==> flow/design.v <==
module ex_data_mux_mod #(
   parameter NBITS = 10
) (
   input wire clk_i,
   input wire rst_n,
   input wire [NBITS-1:0] in_d_0,
   input wire [NBITS-1:0] in_d_1,
   input wire [NBITS-1:0] in_d_2,
   input wire [NBITS-1:0] in_d_3,
   input wire [NBITS-1:0] in_d_4,
   input wire [NBITS-1:0] in_d_5,
   input wire [NBITS-1:0] in_d_6,
   input wire [5:0] in_s,
   output wire [NBITS-1:0] out_out
);
   reg [NBITS-1:0] cur;
   always @(*) begin
      casez (in_s)
         6'b?????1: cur = in_d_0;
         6'b????10: cur = in_d_1;
         6'b???100: cur = in_d_2;
         6'b??1000: cur = in_d_3;
         6'b?10000: cur = in_d_4;
         6'b100000: cur = in_d_5;
         default: cur = in_d_6;
      endcase
   end
   reg [NBITS-1:0] out_reg;
   always @(posedge clk_i) begin
      if (~rst_n) begin
         out_reg <= 0;
      end else begin
         out_reg <= cur;
      end
   end
   assign out_out = out_reg;
endmodule
**From RTL to reports: ex_data_mux_mod**

Tool output for the design above, in the order of the flow.
Lines are those of the file above, counted from 1.
Operators carry their Yosys type and port widths (W data, S select, Z words).
Library cell names are shortened.
A cell with n/a has no value.

- Design top: ex_data_mux_mod
- Clock: clk_i
- Standard-cell library: sky130hd
- Library corner: tt_025C_1v80

**Word level**

Source: Yosys, flattened and elaborated, memories not mapped. Widths are those after wreduce; folded enables and synchronous resets count as part of the registers. Registers that Yosys merges into a memory's read port (data or address) are not register bits. Print and check cells do not count. Equal cells are merged and count once.

- Register bits: 10
- Input bits: 78
- Output and inout port bits: 10
- Elaborated cells: 7

- Equal/unequal tests: 5
- Muxes and demuxes: 1

Operator list:

| kind | count |
|---|---|
| $pmux W10 S6 | 1 |
| $eq A6 B6 Y1 const B | 1 |
| $eq A5 B5 Y1 const B | 1 |
| $eq A4 B4 Y1 const B | 1 |
| $eq A3 B3 Y1 const B | 1 |
| $eq A2 B2 Y1 const B | 1 |

**Depth**

Yosys ltp: most cells in a row. Word level: on the elaborated netlist, between registers, memories and ports. Mapped: between sequential cells and ports; inverters and the memories' decode and read muxes count.

- Depth in word-level cells: 2
- ABC_AREA: 0
- Mapped depth: 5
- Gate-level depth less buffers: 4

**Synthesis result**

Yosys stat after the flow's synthesis: flattened, memories mapped to cells. It holds for the ABC_AREA given above (unset counts as 0); a run with the other value may have another netlist.
The area totals of this step are shown rounded.

- Cell count: 77
- Cell area after synthesis: 678.2 µm²
- Sequential part of the area: 200.2 µm²
- Flip-flops: 10
- Buffer cells: 7

Cells by type:

| cell | count | total area (µm²) |
|---|---|---|
| dfxtp_1 | 10 | 200.192 |
| a221o_1 | 10 | 100.096 |
| o21ai_0 | 19 | 95.091 |
| a222oi_1 | 9 | 90.086 |
| a31oi_1 | 9 | 56.304 |
| nor4b_4 | 1 | 23.773 |
| buf_2 | 3 | 15.014 |
| nor4_2 | 1 | 12.512 |
| buf_6 | 1 | 11.261 |
| clkbuf_1 | 3 | 11.261 |
| nand2_1 | 3 | 11.261 |
| a41oi_1 | 1 | 8.758 |
| and3b_1 | 1 | 8.758 |
| a22oi_1 | 1 | 7.507 |
| and2_1 | 1 | 6.256 |
| nand2b_1 | 1 | 6.256 |
| nor2b_1 | 1 | 6.256 |
| inv_1 | 1 | 3.754 |
| nor2_1 | 1 | 3.754 |

**Path before layout**

Source: OpenSTA report_checks on the synthesized netlist (no wires, ideal clock, input and output delay 20% of the period each), path of least setup slack; recovery checks are left aside. Register names are those of the netlist, which keeps one name where synthesis merged equal registers.

- Path type: input -> register
- Start: input in_s[3]
- End: register out_reg[0]
- Period: 1470 ps
- Input delay: 294 ps
- Library setup time: 74 ps
- Launch time at the first pin: 294 ps
- Arrival time: 1159 ps
- Data required time: 1396 ps
- Path slack: 237 ps
- Delay of the path: 939 ps
- Stages: 5
- Path buffers: 1
- Period reached after synthesis: 1233 ps

"delay of the path" = arrival - input delay + setup time.
"stages" counts driving pins, that of a launching flip-flop among them; a cell with two outputs on the path counts twice.
"period reached after synthesis" = period - worst setup slack (recovery checks aside). The figure is calculated, with input and output delays left at 20% of the set period.
The rows between start and end are the longest chain of elaborated cells between them; the timing report does not say that the signal goes this way. Where chains are equally long, one stands for them.
Each line given opens the expression or statement behind the cell; cells for indexed reads and writes are added by Yosys, which also makes memories of some case tables.

- Path through: nor4_2 and3b_1 buf_6 a222oi_1 a31oi_1
- Cells in the longest elaborated chain: 2
- Elaborated cells between the ends (all ways): 4
- RTL lines with such cells: 1
- Those cells by class: eq/ne (3); mux (1)

Ends and longest elaborated chain, after synthesis:

| item | line | RTL |
|---|---|---|
| start, declared | 13 | `input wire [5:0] in_s,` |
| $eq A6 B6 Y1 | 18 | `casez (in_s)` |
| $pmux W10 S6 | 18 |  |
| end, assigned | 31 | `out_reg <= 0;` |
| end, assigned | 33 | `out_reg <= cur;` |
| end, declared | 28 | `reg [NBITS-1:0] out_reg;` |

**Worst path after layout**

From the final timing report of stored run 2: the path of least setup slack in the routed layout; clock arrival at registers is part of the times.
The report prints the path's times to 10 ps; the period is as set.

- Path type: input -> register
- Start: input in_s[4]
- End: register out_reg[9]
- Period: 1770 ps
- Input delay: 350 ps
- Library setup time: 120 ps
- Launch time at the first pin: 350 ps
- Arrival time: 1500 ps
- Data required time: 1910 ps
- Path slack: 410 ps
- Stages: 5
- Path buffers: 2

The rows between start and end are the longest chain of elaborated cells between them; the timing report does not say that the signal goes this way. Where chains are equally long, one stands for them.

- Path through: dlygate4sd2_1 and3b_2 buf_4 a222oi_1 a31oi_1
- Cells in the longest elaborated chain: 2
- Elaborated cells between the ends (all ways): 3
- RTL lines with such cells: 1
- Those cells by class: eq/ne (2); mux (1)

Ends and longest elaborated chain, after layout:

| item | line | RTL |
|---|---|---|
| start, declared | 13 | `input wire [5:0] in_s,` |
| $eq A6 B6 Y1 | 18 | `casez (in_s)` |
| $pmux W10 S6 | 18 |  |
| end, assigned | 31 | `out_reg <= 0;` |
| end, assigned | 33 | `out_reg <= cur;` |
| end, declared | 28 | `reg [NBITS-1:0] out_reg;` |

Data sheet: physical implementation of ex_data_mux_mod

Stored flow runs of ex_data_mux_mod (3 of them; Yosys, OpenROAD, sky130hd). They differ in their settings and are not a sequence. Constraints: input delay and output delay 20% of the set period each, output load 0.01 pF.
"achieved clock period" is the run's clock period less its worst setup slack. It is reckoned from that one timing run; input and output delays stay at 20% of the period that was set.
By "worst setup path time" is meant the share of the clock period that the worst setup path is allowed (20% is reserved at inputs, 20% at outputs), minus its slack. Clock arrival times at its registers enter into it.
"worst setup path time" is known to 10 ps.
The measured numbers are rounded.

### Stored run 1

==> flow/run.sh <==
#!/bin/bash
# the make line also repeats the synthesis and layout settings of config.mk as NAME=value (left out here)
make -C /OpenROAD-flow-scripts/flow DESIGN_CONFIG=/design/flow/config.mk WORK_HOME=/design/flow/orfs CLKGATE_MAP_FILE= finish
==> flow/config.mk <==
export PLATFORM = sky130hd
export DESIGN_NAME = ex_data_mux_mod
export DESIGN_NICKNAME = ex_data_mux_mod
export VERILOG_FILES = /design/flow/design.v
export SDC_FILE = /design/flow/constraint.sdc
export NUM_CORES = 4
export LEC_CHECK = 0
export CAP_MARGIN = 20
export CELL_PAD_IN_SITES_DETAIL_PLACEMENT = 1
export CELL_PAD_IN_SITES_GLOBAL_PLACEMENT = 2
export CORE_MARGIN = 8
export CORE_UTILIZATION = 57
export CTS_CLUSTER_DIAMETER = 318
export GPL_ROUTABILITY_DRIVEN = 1
export MIN_ROUTING_LAYER = met2
export PLACE_DENSITY = 0.38
export SLEW_MARGIN = 35
==> flow/constraint.sdc <==
create_clock -name core_clock -period 0.918 [get_ports {clk_i}]
set_input_delay 0.1836 -clock core_clock [delete_from_list [all_inputs] [get_ports {clk_i}]]
set_output_delay 0.1836 -clock core_clock [all_outputs]
set_load 0.01 [all_outputs]

Outcome of stored run 1: not finished: placement ended with error GPL-0301

### Stored run 2

==> flow/run.sh <==
#!/bin/bash
# the make line also repeats the synthesis and layout settings of config.mk as NAME=value (left out here)
make -C /OpenROAD-flow-scripts/flow DESIGN_CONFIG=/design/flow/config.mk WORK_HOME=/design/flow/orfs CLKGATE_MAP_FILE= finish
==> flow/config.mk <==
export PLATFORM = sky130hd
export DESIGN_NAME = ex_data_mux_mod
export DESIGN_NICKNAME = ex_data_mux_mod
export VERILOG_FILES = /design/flow/design.v
export SDC_FILE = /design/flow/constraint.sdc
export NUM_CORES = 4
export LEC_CHECK = 0
export CAP_MARGIN = 0
export CELL_PAD_IN_SITES_DETAIL_PLACEMENT = 0
export CORE_MARGIN = 2
export CORE_UTILIZATION = 33
export CTS_CLUSTER_SIZE = 57
export GPL_ROUTABILITY_DRIVEN = 0
export SETUP_SLACK_MARGIN = 0.33
export SLEW_MARGIN = 15
==> flow/constraint.sdc <==
create_clock -name core_clock -period 1.77 [get_ports {clk_i}]
set_input_delay 0.3540 -clock core_clock [delete_from_list [all_inputs] [get_ports {clk_i}]]
set_output_delay 0.3540 -clock core_clock [all_outputs]
set_load 0.01 [all_outputs]

Results of stored run 2:
- Total die area: 2433 µm²
- Standard-cell area of the final layout: 1639 µm²
- Smallest setup slack: 411 ps
- Area of the synthesized netlist: 678.2 µm²
- Worst setup path time: 1010 ps
- Worst path kind: input -> register
- Utilization after layout: 0.844
- Lowest hold slack: 643 ps
- Achieved clock period: 1359 ps

### Stored run 3

==> flow/run.sh <==
#!/bin/bash
# the make line also repeats the synthesis and layout settings of config.mk as NAME=value (left out here)
make -C /OpenROAD-flow-scripts/flow DESIGN_CONFIG=/design/flow/config.mk WORK_HOME=/design/flow/orfs CLKGATE_MAP_FILE= finish
==> flow/config.mk <==
export PLATFORM = sky130hd
export DESIGN_NAME = ex_data_mux_mod
export DESIGN_NICKNAME = ex_data_mux_mod
export VERILOG_FILES = /design/flow/design.v
export SDC_FILE = /design/flow/constraint.sdc
export NUM_CORES = 4
export LEC_CHECK = 0
export CAP_MARGIN = 20
export CORE_MARGIN = 2
export CORE_UTILIZATION = 40
export SLEW_MARGIN = 20
==> flow/constraint.sdc <==
create_clock -name core_clock -period 1.47 [get_ports {clk_i}]
set_input_delay 0.2940 -clock core_clock [delete_from_list [all_inputs] [get_ports {clk_i}]]
set_output_delay 0.2940 -clock core_clock [all_outputs]
set_load 0.01 [all_outputs]

Outcome of stored run 3: not finished: placement ended with error GPL-0301
